==> flow/design.v <==
module multiplier_stage (clk, rs1, res);
  parameter integer DWIDTH = 7;
  parameter integer FACTOR = 365;
  localparam integer RES_W = DWIDTH + $clog2(FACTOR + 1);
  input clk;
  input [DWIDTH-1:0] rs1;
  output reg [RES_W-1:0] res;
  reg [RES_W-1:0] t;
  integer idx;
  always @* begin
    t = 0;
    for (idx = 0; idx < RES_W - DWIDTH; idx = idx + 1)
      if ((FACTOR >> idx) & 1) t = t + (rs1 << idx);
  end
  always @(posedge clk) begin
    res <= t;
  end
endmodule
# == Tool chain data of multiplier_stage ==
# What the tools print for multiplier_stage, step after step.
# Lines are those of the file above, counted from 1.
# Operators: Yosys type, input widths -> output width; for muxes data width and select width s.
# Library cell names are shortened.
# A cell with - has no value.
# design
top_module,multiplier_stage
clock_port,clk
cell_library,sky130hd
pvt_corner,tt_025C_1v80

# == Word-level counts ==
# Source: Yosys, flattened and elaborated, memories not mapped. Widths are those after wreduce; folded enables and synchronous resets count as part of the registers. Registers that Yosys merges into a memory's read port (data or address) are not register bits. Print and check cells do not count. Equal cells are merged and count once.
# classes
add_sub_neg,5
multipliers,0
div,0
cmp,0
n_eq,0
shifts,0
mux,0
logic,0
reduce_and_logical,0
# ops
cell,n
$add 14x15->16,1
$add 13x13->14,1
$add 11x12->13,1
$add 10x10->11,1
$add 7x9->10,1
# word_totals
register_bits,16
latchBits,0
ram_bits,0
romBits,0
clocked_rd_ports_x_width,0
memories,0
inputBits,8
out_inout_bits,16
word_cells,6

# == Logic depth ==
# Yosys ltp: most cells in a row. Word level: on the elaborated netlist, between registers, memories and ports. Mapped: between sequential cells and ports; inverters and the memories' decode and read muxes count.
# depth
ltp_word,5
ABC_AREA,0
ltp_mapped,12
mapped_depth_nobuf,12

# == Synthesis result ==
# Yosys stat after the flow's synthesis: flattened, memories mapped to cells. It holds for the ABC_AREA given above (unset counts as 0); a run with the other value may have another netlist.
# by_type
cell_type,n
ha_1,27
dfxtp_1,16
fa_1,13
inv_1,23
xnor2_1,8
nand3_1,7
o41ai_2,2
nor2_1,8
o211ai_2,2
a21oi_2,2
a21oi_1,3
a211oi_2,1
nand2_1,3
nand4b_1,1
o221ai_1,1
xor2_1,1
nand2b_1,1
nor2b_1,1
# Not listed: further types 3, cells in them 3.
# mapped
mapped_cells,123
mapped_area_um2,1307.5
seq_area_um2,320.3
flip_flops,16
buf_cells,0

# == Timing after synthesis ==
# Source: OpenSTA report_checks on the synthesized netlist (no wires, ideal clock, input and output delay 20% of the period each), path of least setup slack; recovery checks are left aside. Register names are those of the netlist, which keeps one name where synthesis merged equal registers.
# synth_timing
path_kind,input-to-reg
start,input rs1[0]
end,register res[13]
clock_period_ns,4.33
input_delay_ns,0.866
arrival_ns,3.567
slack_ns,0.691
delay_ns,2.773
driving_pins,10
path_buffers,0
synth_period_reached_ns,3.639
# "delay_ns" is the arrival time less input delay plus setup time.
# "driving_pins": output pins that drive a net of the path, with the launching flip-flop's if there is one; two outputs of one cell count as two.
# "synth_period_reached_ns" = period - worst setup slack (recovery checks aside). The figure is calculated, with input and output delays left at 20% of the set period.
# Between the ends stands the longest chain of elaborated cells between them, by number of cells; it is not shown to be the way that was timed. Of several equally long chains one is given.
# Each line given opens the expression or statement behind the cell; cells for indexed reads and writes are added by Yosys, which also makes memories of some case tables.
# synth_between
path_cell_list,fa_1 > fa_1 > inv_1 > fa_1 > inv_1 > fa_1 > a21oi_2 > o211ai_2 > o41ai_2 > xnor2_1
elab_chain_len,5
# synth_rtl
item,line_no,rtl
"start, declared",6,input [DWIDTH-1:0] rs1;
$add 7x9->10,13,if ((FACTOR >> idx) & 1) t = t + (rs1 << idx);
$add 10x10->11,13,
$add 11x12->13,13,
$add 13x13->14,13,
$add 14x15->16,13,
"end, assigned",16,res <= t;
"end, declared",7,output reg [RES_W-1:0] res;

# == Worst path after layout ==
# From the final timing report of entry A: the path of least setup slack in the routed layout; clock arrival at registers is part of the times.
# layout_timing
path_kind,input-to-reg
start,input rs1[0]
end,register res[15]
clock_period_ns,4.33
input_delay_ns,0.87
arrival_ns,4.25
slack_ns,0.27
driving_pins,12
path_buffers,2
# Between the ends stands the longest chain of elaborated cells between them, by number of cells; it is not shown to be the way that was timed. Of several equally long chains one is given.
# layout_between
path_cell_list,clkdlybuf4s50_1 > inv_1 > fa_1 > fa_1 > buf_4 > fa_1 > inv_1 > ha_1 > nand3_1 > o211ai_2 > o221ai_1 > xnor2_1
elab_chain_len,5
# layout_rtl
item,line_no,rtl
"start, declared",6,input [DWIDTH-1:0] rs1;
$add 7x9->10,13,if ((FACTOR >> idx) & 1) t = t + (rs1 << idx);
$add 10x10->11,13,
$add 11x12->13,13,
$add 13x13->14,13,
$add 14x15->16,13,
"end, assigned",16,res <= t;
"end, declared",7,output reg [RES_W-1:0] res;

FLOW RESULTS
============

Flow measurements of multiplier_stage on sky130hd: 3 stored runs with different settings, listed in no order. Input and output delays are each 20% of the period that was set; the output load is 0.01 pF.
"achieved_period_ns" = clock period - worst setup slack. The figure is calculated, with input and output delays left at 20% of the set period.
"worst_path_ns": the worst setup path's part of the clock period (all of it between registers, 20% less for each end at a port) less its slack. A launch clock that arrives late makes it longer, a capture clock that arrives late makes it shorter.
"power_mw" is the tool's figure for a default switching activity; nothing was simulated.

Entry A, flow files:
==> flow/run.sh <==
#!/bin/bash
# the make line also repeats the synthesis and layout settings of config.mk as NAME=value (left out here)
make -C /OpenROAD-flow-scripts/flow DESIGN_CONFIG=/design/flow/config.mk WORK_HOME=/design/flow/orfs CLKGATE_MAP_FILE= finish
==> flow/config.mk <==
export PLATFORM = sky130hd
export DESIGN_NAME = multiplier_stage
export DESIGN_NICKNAME = multiplier_stage
export VERILOG_FILES = /design/flow/design.v
export SDC_FILE = /design/flow/constraint.sdc
export NUM_CORES = 4
export LEC_CHECK = 0
export CAP_MARGIN = 20
export CORE_MARGIN = 2
export CORE_UTILIZATION = 40
export SLEW_MARGIN = 20
==> flow/constraint.sdc <==
create_clock -name core_clock -period 4.33 [get_ports {clk}]
set_input_delay 0.8660 -clock core_clock [delete_from_list [all_inputs] [get_ports {clk}]]
set_output_delay 0.8660 -clock core_clock [all_outputs]
set_load 0.01 [all_outputs]

==> results of entry A, as CSV <==
result,value
fin_ws_ns,0.265
power_mw,0.8748
synth_chip_area_um2,1307.5
achieved_period_ns,4.065
finalUtil_frac,0.556
ws_hold_ns,1.226
finish.stdcell_area_um2,1711.6
tns_setup_ns,0.000
die_footprint_um2,3742.4
worst_path_ns,3.20
worst_setup_path_type,"input-to-reg"

Entry B, flow files:
==> flow/run.sh <==
#!/bin/bash
# the make line also repeats the synthesis and layout settings of config.mk as NAME=value (left out here)
make -C /OpenROAD-flow-scripts/flow DESIGN_CONFIG=/design/flow/config.mk WORK_HOME=/design/flow/orfs CLKGATE_MAP_FILE= finish
==> flow/config.mk <==
export PLATFORM = sky130hd
export DESIGN_NAME = multiplier_stage
export DESIGN_NICKNAME = multiplier_stage
export VERILOG_FILES = /design/flow/design.v
export SDC_FILE = /design/flow/constraint.sdc
export NUM_CORES = 4
export LEC_CHECK = 0
export ABC_AREA = 1
export CAP_MARGIN = 25
export CELL_PAD_IN_SITES_GLOBAL_PLACEMENT = 0
export CORE_MARGIN = 2
export CORE_UTILIZATION = 25
export GPL_ROUTABILITY_DRIVEN = 0
export GPL_TIMING_DRIVEN = 1
export MIN_ROUTING_LAYER = met1
export PLACE_DENSITY_LB_ADDON = 0.24
export SLEW_MARGIN = 20
export TNS_END_PERCENT = 25
==> flow/constraint.sdc <==
create_clock -name core_clock -period 2.98 [get_ports {clk}]
set_input_delay 0.5960 -clock core_clock [delete_from_list [all_inputs] [get_ports {clk}]]
set_output_delay 0.5960 -clock core_clock [all_outputs]
set_load 0.01 [all_outputs]

==> results of entry B, as CSV <==
result,value
achieved_period_ns,2.933
tns_setup_ns,0.000
worst_path_ns,2.34
worst_setup_path_type,"input-to-reg"
ws_hold_ns,0.571
synth_chip_area_um2,1392.6
power_mw,1.602
fin_ws_ns,0.047
finalUtil_frac,0.391
finish.stdcell_area_um2,2125.8
die_footprint_um2,6183.5

Entry C, flow files:
==> flow/run.sh <==
#!/bin/bash
# the make line also repeats the synthesis and layout settings of config.mk as NAME=value (left out here)
make -C /OpenROAD-flow-scripts/flow DESIGN_CONFIG=/design/flow/config.mk WORK_HOME=/design/flow/orfs CLKGATE_MAP_FILE= finish
==> flow/config.mk <==
export PLATFORM = sky130hd
export DESIGN_NAME = multiplier_stage
export DESIGN_NICKNAME = multiplier_stage
export VERILOG_FILES = /design/flow/design.v
export SDC_FILE = /design/flow/constraint.sdc
export NUM_CORES = 4
export LEC_CHECK = 0
export CAP_MARGIN = 0
export CELL_PAD_IN_SITES_GLOBAL_PLACEMENT = 0
export CORE_MARGIN = 2
export CORE_UTILIZATION = 39
export CTS_CLUSTER_DIAMETER = 303
export CTS_CLUSTER_SIZE = 39
export GPL_TIMING_DRIVEN = 0
export MAX_ROUTING_LAYER = met5
export PLACE_DENSITY_LB_ADDON = 0.01
export SLEW_MARGIN = 40
export TNS_END_PERCENT = 25
==> flow/constraint.sdc <==
create_clock -name core_clock -period 5.03 [get_ports {clk}]
set_input_delay 1.0060 -clock core_clock [delete_from_list [all_inputs] [get_ports {clk}]]
set_output_delay 1.0060 -clock core_clock [all_outputs]
set_load 0.01 [all_outputs]

==> results of entry C, as CSV <==
result,value
finalUtil_frac,0.497
die_footprint_um2,3831.6
power_mw,0.7287
ws_hold_ns,1.305
synth_chip_area_um2,1307.5
fin_ws_ns,0.751
finish.stdcell_area_um2,1631.6
achieved_period_ns,4.279
tns_setup_ns,0.000
worst_path_ns,3.27
worst_setup_path_type,"input-to-reg"
